==> flow/design.v <==
module gen_summer_p (core_clk, clr, arg0, arg1, arg2, q);
  parameter integer NBITS = 10;
  input core_clk;
  input clr;
  input [NBITS-1:0] arg0;
  input [NBITS-1:0] arg1;
  input [NBITS-1:0] arg2;
  output [NBITS+1:0] q;
  reg [NBITS-1:0] arg0_s;
  reg [NBITS-1:0] arg1_s;
  reg [NBITS-1:0] arg2_s;
  always @(posedge core_clk or posedge clr) begin
    if (clr) begin
      arg0_s <= 0;
      arg1_s <= 0;
      arg2_s <= 0;
    end else begin
      arg0_s <= arg0;
      arg1_s <= arg1;
      arg2_s <= arg2;
    end
  end
  assign q = arg0_s + arg1_s + arg2_s;
endmodule
Wiki page: gen_summer_p / tool data

* Reports on gen_summer_p
Module gen_summer_p in several versions that differ in "NBITS"; each step lists the members. The RTL above is that of NBITS = 10; lines are counted from 1 in the file of the member named. Operators carry their Yosys type and port widths (W data, S select, Z words). Library cell names are shortened. The mark n/a stands for no value.
Inputs: design top gen_summer_p, clock input core_clk, standard-cell library sky130hd, library corner tt_025C_1v80

* Members of the sweep
Lines of each other member's file that are new or changed against the file above; lines that a member lacks are not shown.
Lines new or changed:
- NBITS 18 | RTL line 2 | parameter integer NBITS = 18;
- NBITS 40 | RTL line 2 | parameter integer NBITS = 40;
- NBITS 72 | RTL line 2 | parameter integer NBITS = 72;

* After elaboration
Yosys after proc, flatten, opt, wreduce and memory -nomap, before mapping. Enables and synchronous resets that opt folds into registers are not counted as muxes. Memory bits, and registers merged into a memory's read port (data or address), are not among the register bits. Print and check cells are not counted. Equal cells are merged and count once.
Word-level totals:
- NBITS 10 | input port bits 32, register bits after elaboration 30, output and inout bits 12, word-level cells 5
- NBITS 18 | input port bits 56, register bits after elaboration 54, output and inout bits 20, word-level cells 5
- NBITS 40 | input port bits 122, register bits after elaboration 120, output and inout bits 42, word-level cells 5
- NBITS 72 | input port bits 218, register bits after elaboration 216, output and inout bits 74, word-level cells 5
Operators by class ($add $sub $neg):
- NBITS 10 | 2
- NBITS 18 | 2
- NBITS 40 | 2
- NBITS 72 | 2
Operators with widths (kind and count):
- NBITS 10 | 1 x $add A11 B10 Y12; 1 x $add A10 B10 Y11
- NBITS 18 | 1 x $add A19 B18 Y20; 1 x $add A18 B18 Y19
- NBITS 40 | 1 x $add A41 B40 Y42; 1 x $add A40 B40 Y41
- NBITS 72 | 1 x $add A73 B72 Y74; 1 x $add A72 B72 Y73

* Logic depth
Longest topological path by Yosys (ltp), each cell counted once; first at word level (registers and memories cut), then after technology mapping (sequential cells cut; the memories' decode and read muxes count).
Logic depth:
- NBITS 10 | depth in word-level cells 2, ABC_AREA 0, gate-level depth with buffers 11, gate-level depth less buffers 11
- NBITS 18 | depth in word-level cells 2, ABC_AREA 0, gate-level depth with buffers 11, gate-level depth less buffers 11
- NBITS 40 | depth in word-level cells 2, ABC_AREA 0, gate-level depth with buffers 13, gate-level depth less buffers 13
- NBITS 72 | depth in word-level cells 2, ABC_AREA 0, gate-level depth with buffers 14, gate-level depth less buffers 14

* After synthesis
Source: synth_stat.txt of the flow (Yosys; design flattened, memories mapped). It holds for the ABC_AREA given above (unset counts as 0); a run with the other value may have another netlist. Totals and module areas in this step are rounded.
Synthesis totals:
- NBITS 10 | synthesis area 1415 um^2, buffers 0, flip-flops 30, sequential part of the area 750.7 um^2, cells in the netlist 102
- NBITS 18 | synthesis area 2595 um^2, buffers 4, flip-flops 54, sequential part of the area 1351 um^2, cells in the netlist 200
- NBITS 40 | synthesis area 6190 um^2, buffers 16, flip-flops 120, sequential part of the area 3003 um^2, cells in the netlist 508
- NBITS 72 | synthesis area 11320 um^2, buffers 39, flip-flops 216, sequential part of the area 5405 um^2, cells in the netlist 955
Cell types (types with counts):
- NBITS 10 | 30 x dfrtp_1; 11 x fa_1; 9 x ha_1; 17 x inv_1; 5 x xnor2_1; 1 x a2111oi_4; 2 x a21oi_2; 2 x xor2_1; 2 x a21o_1; 2 x and3_2; 2 x nand2b_1; 1 x o21bai_2; 2 x a21oi_1; 2 x nand3_1; 1 x a2111oi_0; 1 x a221oi_1; 1 x o21ai_2; 1 x and2_2; (+10)
- NBITS 18 | 54 x dfrtp_1; 19 x fa_1; 17 x ha_1; 17 x a21oi_1; 8 x xnor2_1; 7 x xor2_1; 12 x inv_1; 12 x nand2_1; 9 x o21ai_0; 4 x o211ai_1; 4 x nand3_1; 3 x nand2b_1; 3 x nand4_1; 5 x nor2_1; 3 x nor2b_1; 1 x o41ai_2; 1 x a221oi_2; 2 x o21bai_1; (+19)
- NBITS 40 | 120 x dfrtp_1; 41 x fa_1; 39 x ha_1; 44 x a21oi_1; 25 x xnor2_1; 22 x a21o_1; 28 x nand2_1; 13 x o21bai_1; 10 x xor2_1; 16 x o21ai_0; 11 x nand4_1; 18 x nor2_1; 16 x inv_1; 12 x nand3_1; 15 x clkbuf_1; 6 x a211oi_1; 6 x o21a_1; 7 x nor3_1; (+59)
- NBITS 72 | 216 x dfrtp_1; 73 x fa_1; 71 x ha_1; 89 x a21oi_1; 41 x xnor2_1; 47 x a21o_1; 27 x xor2_1; 37 x nand4_1; 52 x nand2_1; 48 x nor2_1; 34 x o21ai_0; 21 x o21bai_1; 32 x clkbuf_1; 30 x inv_1; 14 x a31oi_1; 10 x nor3_1; 9 x nand3_1; 6 x nand2b_1; (+98)
A list marked (+n) leaves out that many cells.

* Timing after synthesis
Path of least setup slack by OpenSTA after synthesis, without wires, with an ideal clock, recovery checks aside; 20% of the period is set as input and as output delay. Where synthesis merged equal registers, the netlist keeps one of their names.
Timing after synthesis:
- NBITS 10 | path kind register to output, start point register arg0_s[4], end point output q[10], period 3.6 ns, path slack 0.574 ns, delay of the path 2.306 ns, stages 8, synthesis period reached 3.026 ns
- NBITS 18 | path kind register to output, start point register arg0_s[1], end point output q[19], period 3.94 ns, path slack 0.631 ns, delay of the path 2.521 ns, stages 10, synthesis period reached 3.309 ns
- NBITS 40 | path kind register to output, start point register arg0_s[1], end point output q[37], period 4.93 ns, path slack 0.790 ns, delay of the path 3.154 ns, stages 12, synthesis period reached 4.14 ns
- NBITS 72 | path kind register to output, start point register arg0_s[1], end point output q[43], period 5.05 ns, path slack 0.807 ns, delay of the path 3.233 ns, stages 13, synthesis period reached 4.243 ns
"delay of the path" is the arrival time less input delay plus setup time. A path that ends at an output port has no setup time. "stages" counts driving pins, that of a launching flip-flop among them; a cell with two outputs on the path counts twice. "synthesis period reached" is the clock period less the worst setup slack; recovery checks do not enter. This is arithmetic on one report: input and output delays are still those of the set period (20% each). Between the ends stands the longest chain of elaborated cells between them, by number of cells; it is not shown to be the way that was timed. Of several equally long chains one is given. A line is the first line of the expression or statement that the cell stems from. Yosys adds cells for indexed reads and writes and turns some case tables into memories.
On the way, after synthesis, NBITS = 10: length of the longest elaborated chain 2
Ends and longest elaborated chain, after synthesis, NBITS = 10:
- start, declared | RTL line 9 | reg [NBITS-1:0] arg0_s;
- start, assigned | RTL line 14 | arg0_s <= 0;
- start, assigned | RTL line 18 | arg0_s <= arg0;
- $add A10 B10 Y11 | RTL line 23 | assign q = arg0_s + arg1_s + arg2_s;
- $add A11 B10 Y12 | RTL line 23
- end, declared | RTL line 8 | output [NBITS+1:0] q;
On the way, after synthesis, NBITS = 72: length of the longest elaborated chain 2
Ends and longest elaborated chain, after synthesis, NBITS = 72:
- start, declared | RTL line 9 | reg [NBITS-1:0] arg0_s;
- start, assigned | RTL line 14 | arg0_s <= 0;
- start, assigned | RTL line 18 | arg0_s <= arg0;
- $add A72 B72 Y73 | RTL line 23 | assign q = arg0_s + arg1_s + arg2_s;
- $add A73 B72 Y74 | RTL line 23
- end, declared | RTL line 8 | output [NBITS+1:0] q;

* Timing after layout
Path of least setup slack in the final report of the run of each member (OpenROAD, finished layout, wires in). Where an end is a register, its clock arrival counts in the times.
Timing after layout:
- NBITS 10 | path kind register to output, start point register arg2_s[4], end point output q[6], data arrival time 2.77 ns, path slack 0.11 ns, stages 9, period 3.6 ns, buffers on the path 3
- NBITS 18 | path kind register to output, start point register arg0_s[1], end point output q[11], data arrival time 3.02 ns, path slack 0.13 ns, stages 12, period 3.94 ns, buffers on the path 2
- NBITS 40 | path kind register to output, start point register arg2_s[2], end point output q[40], data arrival time 3.82 ns, path slack 0.12 ns, stages 12, period 4.93 ns, buffers on the path 1
- NBITS 72 | path kind register to output, start point register arg2_s[1], end point output q[73], data arrival time 4.06 ns, path slack -0.02 ns, stages 17, period 5.05 ns, buffers on the path 4

* Measured runs
Settings and results of one run of the flow (Yosys, OpenROAD) for each member follow. The constraints put input and output delay at 20% of the set period each and load the outputs with 0.01 pF.
Settings: CAP_MARGIN 20, CORE_MARGIN 2, CORE_UTILIZATION 40, SLEW_MARGIN 20
Settings by member (period_ns):
- NBITS 10 | 3.6
- NBITS 18 | 3.94
- NBITS 40 | 4.93
- NBITS 72 | 5.05
Measured results:
- NBITS 10 | lowest setup slack 0.106 ns, overall die area 4030 um^2, netlist area reported by Yosys 1415 um^2, utilization 60.5%, achieved clock period 3.494 ns, final setup TNS 0.000 ns
- NBITS 18 | lowest setup slack 0.129 ns, overall die area 7148 um^2, netlist area reported by Yosys 2595 um^2, utilization 58.4%, achieved clock period 3.811 ns, final setup TNS 0.000 ns
- NBITS 40 | lowest setup slack 0.121 ns, overall die area 16490 um^2, netlist area reported by Yosys 6190 um^2, utilization 58.4%, achieved clock period 4.809 ns, final setup TNS 0.000 ns
- NBITS 72 | lowest setup slack -0.021 ns, overall die area 29650 um^2, netlist area reported by Yosys 11320 um^2, utilization 59.0%, achieved clock period 5.071 ns, final setup TNS -0.027 ns
"achieved clock period" = clock period - worst setup slack. The figure is calculated, with input and output delays left at 20% of the set period. Results are given in rounded form.
